==> flow/design.v <==
module dp_sel_unit_stage #(
    parameter WIDTH = 16
) (
    input  logic clk_i,
    input  logic [WIDTH-1:0] ch0,
    input  logic [WIDTH-1:0] ch1,
    input  logic [WIDTH-1:0] ch2,
    input  logic [WIDTH-1:0] ch3,
    input  logic [WIDTH-1:0] ch4,
    input  logic [2:0] choose,
    output logic [WIDTH-1:0] q
);
    logic [WIDTH-1:0] ch0_s;
    logic [WIDTH-1:0] ch1_s;
    logic [WIDTH-1:0] ch2_s;
    logic [WIDTH-1:0] ch3_s;
    logic [WIDTH-1:0] ch4_s;
    logic [2:0] choose_s;
    always_ff @(posedge clk_i) begin
        ch0_s <= ch0;
        ch1_s <= ch1;
        ch2_s <= ch2;
        ch3_s <= ch3;
        ch4_s <= ch4;
        choose_s <= choose;
    end
    logic [WIDTH-1:0] work;
    assign work =
        (choose_s == 3'd0) ? ch0_s :
        (choose_s == 3'd1) ? ch1_s :
        (choose_s == 3'd2) ? ch2_s :
        (choose_s == 3'd3) ? ch3_s :
        ch4_s;
    logic [WIDTH-1:0] q_s;
    always_ff @(posedge clk_i) begin
        q_s <= work;
    end
    assign q = q_s;
endmodule
# Tool chain data of dp_sel_unit_stage
# What the tools print for dp_sel_unit_stage, step after step.
# Lines are those of the file above, counted from 1.
# Operators carry their Yosys type and port widths (W data, S select, Z words).
# Library cell names are shortened.
# Not given: -
# inputs
design	dp_sel_unit_stage
clock	clk_i
library	sky130hd
corner	tt_025C_1v80

# Word level
# Counts by Yosys on the flattened word-level netlist (proc, flatten, opt, wreduce; memories kept). Register bits leave out memories and registers merged into their read ports (data or address); mux counts leave out enables and synchronous resets folded into registers. Print and check cells are left out. Cells with the same type and inputs are merged into one.
# word_totals
regBits	99
inputBits	84
out_inout_bits	16
# classes
eq_ne	3
muxes	4
reduce_logical	1
# ops
operator	count
$mux W16	4
$eq A3 B2 Y1 const B	2
$eq A3 B1 Y1 const B	1
$logic_not A3 Y1	1

# Longest topological paths
# Longest topological path by Yosys (ltp), each cell counted once; first at word level (registers and memories cut), then after technology mapping (sequential cells cut; the memories' decode and read muxes count).
# depth
ltp_word	5
abc_area	0
ltp_mapped	6
ltp_nobuf	3

# Synthesis result
# Yosys stat after the flow's synthesis: flattened, memories mapped to cells. It holds for the ABC_AREA given above (unset counts as 0); a run with the other value may have another netlist.
# Totals and module areas in this step are rounded.
# synth_totals
stdcells	192
synth_area_um2	2670
flip_flops	99
buf_cells	10
# by_type
cell_type	count	area_total_um2
dfxtp_1	99	1.98E+03
a222oi_1	16	160.154
mux2_4	10	150.144
nand2_1	32	120.115
nor2b_1	16	100.096
mux2_2	6	67.565
clkbuf_1	6	22.522
buf_12	1	20.019
and2b_1	2	15.014
buf_6	1	11.261
buf_2	2	10.01
nor3_2	1	10.01

# Timing after synthesis
# Source: OpenSTA report_checks on the synthesized netlist (no wires, ideal clock, input and output delay 20% of the period each), path of least setup slack; recovery checks are left aside. Register names are those of the netlist, which keeps one name where synthesis merged equal registers.
# synth_timing
kind	flip-flop to flip-flop
from	reg (no name shown)
to	reg q_s[10]
tclk_ns	1.68
t_first_pin_ns	0.000
arrival_ns	1.218
slack_ns	0.339
path_delay_ns	1.341
driving_pins	6
n_path_buf	2
period_less_setup_slack_ns	1.341
# "path_delay_ns" = arrival - input delay + setup time.
# "driving_pins" counts driving pins, that of a launching flip-flop among them; a cell with two outputs on the path counts twice.
# "period_less_setup_slack_ns" = period - worst setup slack (recovery checks aside). The figure is calculated, with input and output delays left at 20% of the set period.
# The rows between start and end are the longest chain of elaborated cells between them; the timing report does not say that the signal goes this way. Where chains are equally long, one stands for them.
# Each line given opens the expression or statement behind the cell; cells for indexed reads and writes are added by Yosys, which also makes memories of some case tables.
# synth_between
path_cell_list	dfxtp_1 buf_6 buf_12 mux2_4 a222oi_1 nand2_1
elab_chain_len	5
cells_between	8
lines_between	4
classes_between	3 x eq/ne; 4 x mux; 1 x reduce/logical
# synth_rtl
element	line_no	rtl
from (decl)	18
from (assign)	25
$eq A3 B2 Y1	32
$mux W16	32
$mux W16	31
$mux W16	30
$mux W16	29
to (assign)	36	q_s <= work;
to (decl)	34	logic [WIDTH-1:0] q_s;

# Timing after layout
# From the final timing report of run A: the path of least setup slack in the routed layout; clock arrival at registers is part of the times.
# layout_timing
kind	flip-flop to flip-flop
from	reg (no name shown)
to	reg q_s[4]
tclk_ns	0.84
t_first_pin_ns	0.34
arrival_ns	1.57
slack_ns	-0.51
driving_pins	5
n_path_buf	1
# The rows between start and end are the longest chain of elaborated cells between them; the timing report does not say that the signal goes this way. Where chains are equally long, one stands for them.
# layout_between
path_cell_list	dfxtp_4 clkbuf_16 mux2_4 a222oi_1 nand2_1
elab_chain_len	5
cells_between	8
lines_between	4
classes_between	3 x eq/ne; 4 x mux; 1 x reduce/logical
# layout_rtl
element	line_no	rtl
from (decl)	18
from (assign)	25
$eq A3 B2 Y1	32
$mux W16	32
$mux W16	31
$mux W16	30
$mux W16	29
to (assign)	36	q_s <= work;
to (decl)	34	logic [WIDTH-1:0] q_s;

# 3 stored runs of dp_sel_unit_stage in the flow (synthesis by Yosys, layout by OpenROAD, sky130hd cells), in arbitrary order. Constraints: input delay and output delay 20% of the set period each, output load 0.01 pF.
# "worst_path_ns" is the time allowed to the run's worst setup path (the clock period less input and output delay, where it has them) less its slack. Clock arrival times count: a late capture clock shortens it, a late launch clock lengthens it.
# By "fin_power_mw" is meant OpenSTA's value without simulated activity: inputs other than the clock are taken to toggle once in ten clock periods, and the tool carries that through the logic.
# Measured values are rounded.
# Settings: - = not set for that run.
# Results: - = not shown.
run name	period_ns	CORE_UTILIZATION	SETUP_SLACK_MARGIN	PLACE_DENSITY	HOLD_SLACK_MARGIN	CELL_PAD_IN_SITES_GLOBAL_PLACEMENT	CELL_PAD_IN_SITES_DETAIL_PLACEMENT	ABC_AREA	GPL_TIMING_DRIVEN	CTS_CLUSTER_DIAMETER	CAP_MARGIN	CORE_MARGIN	SLEW_MARGIN	CORE_ASPECT_RATIO	CTS_CLUSTER_SIZE	MAX_ROUTING_LAYER	ys_area_um2	worst_setup_slack_ns	fin_power_mw	util_pct	die_footprint_um2	worst_path_ns	worst_path_kind
run A	0.84	33	0.08	0.69	0.27	2	0	0	1	399	20	2	20	-	-	-	2670	-0.506	8.77	52.0	8820	1.35	flip-flop to flip-flop
run B	1.68	40	-	-	-	-	-	-	-	-	20	2	20	-	-	-	2670	0.137	4.26	61.3	7340	1.21	flip-flop to output port
run C	1.29	45	0.18	-	0.11	-	2	-	-	165	35	8	20	0.5	67	met5	-	-	-	-	-	-	-
# Run C: no results, placement failed with DPL-0033
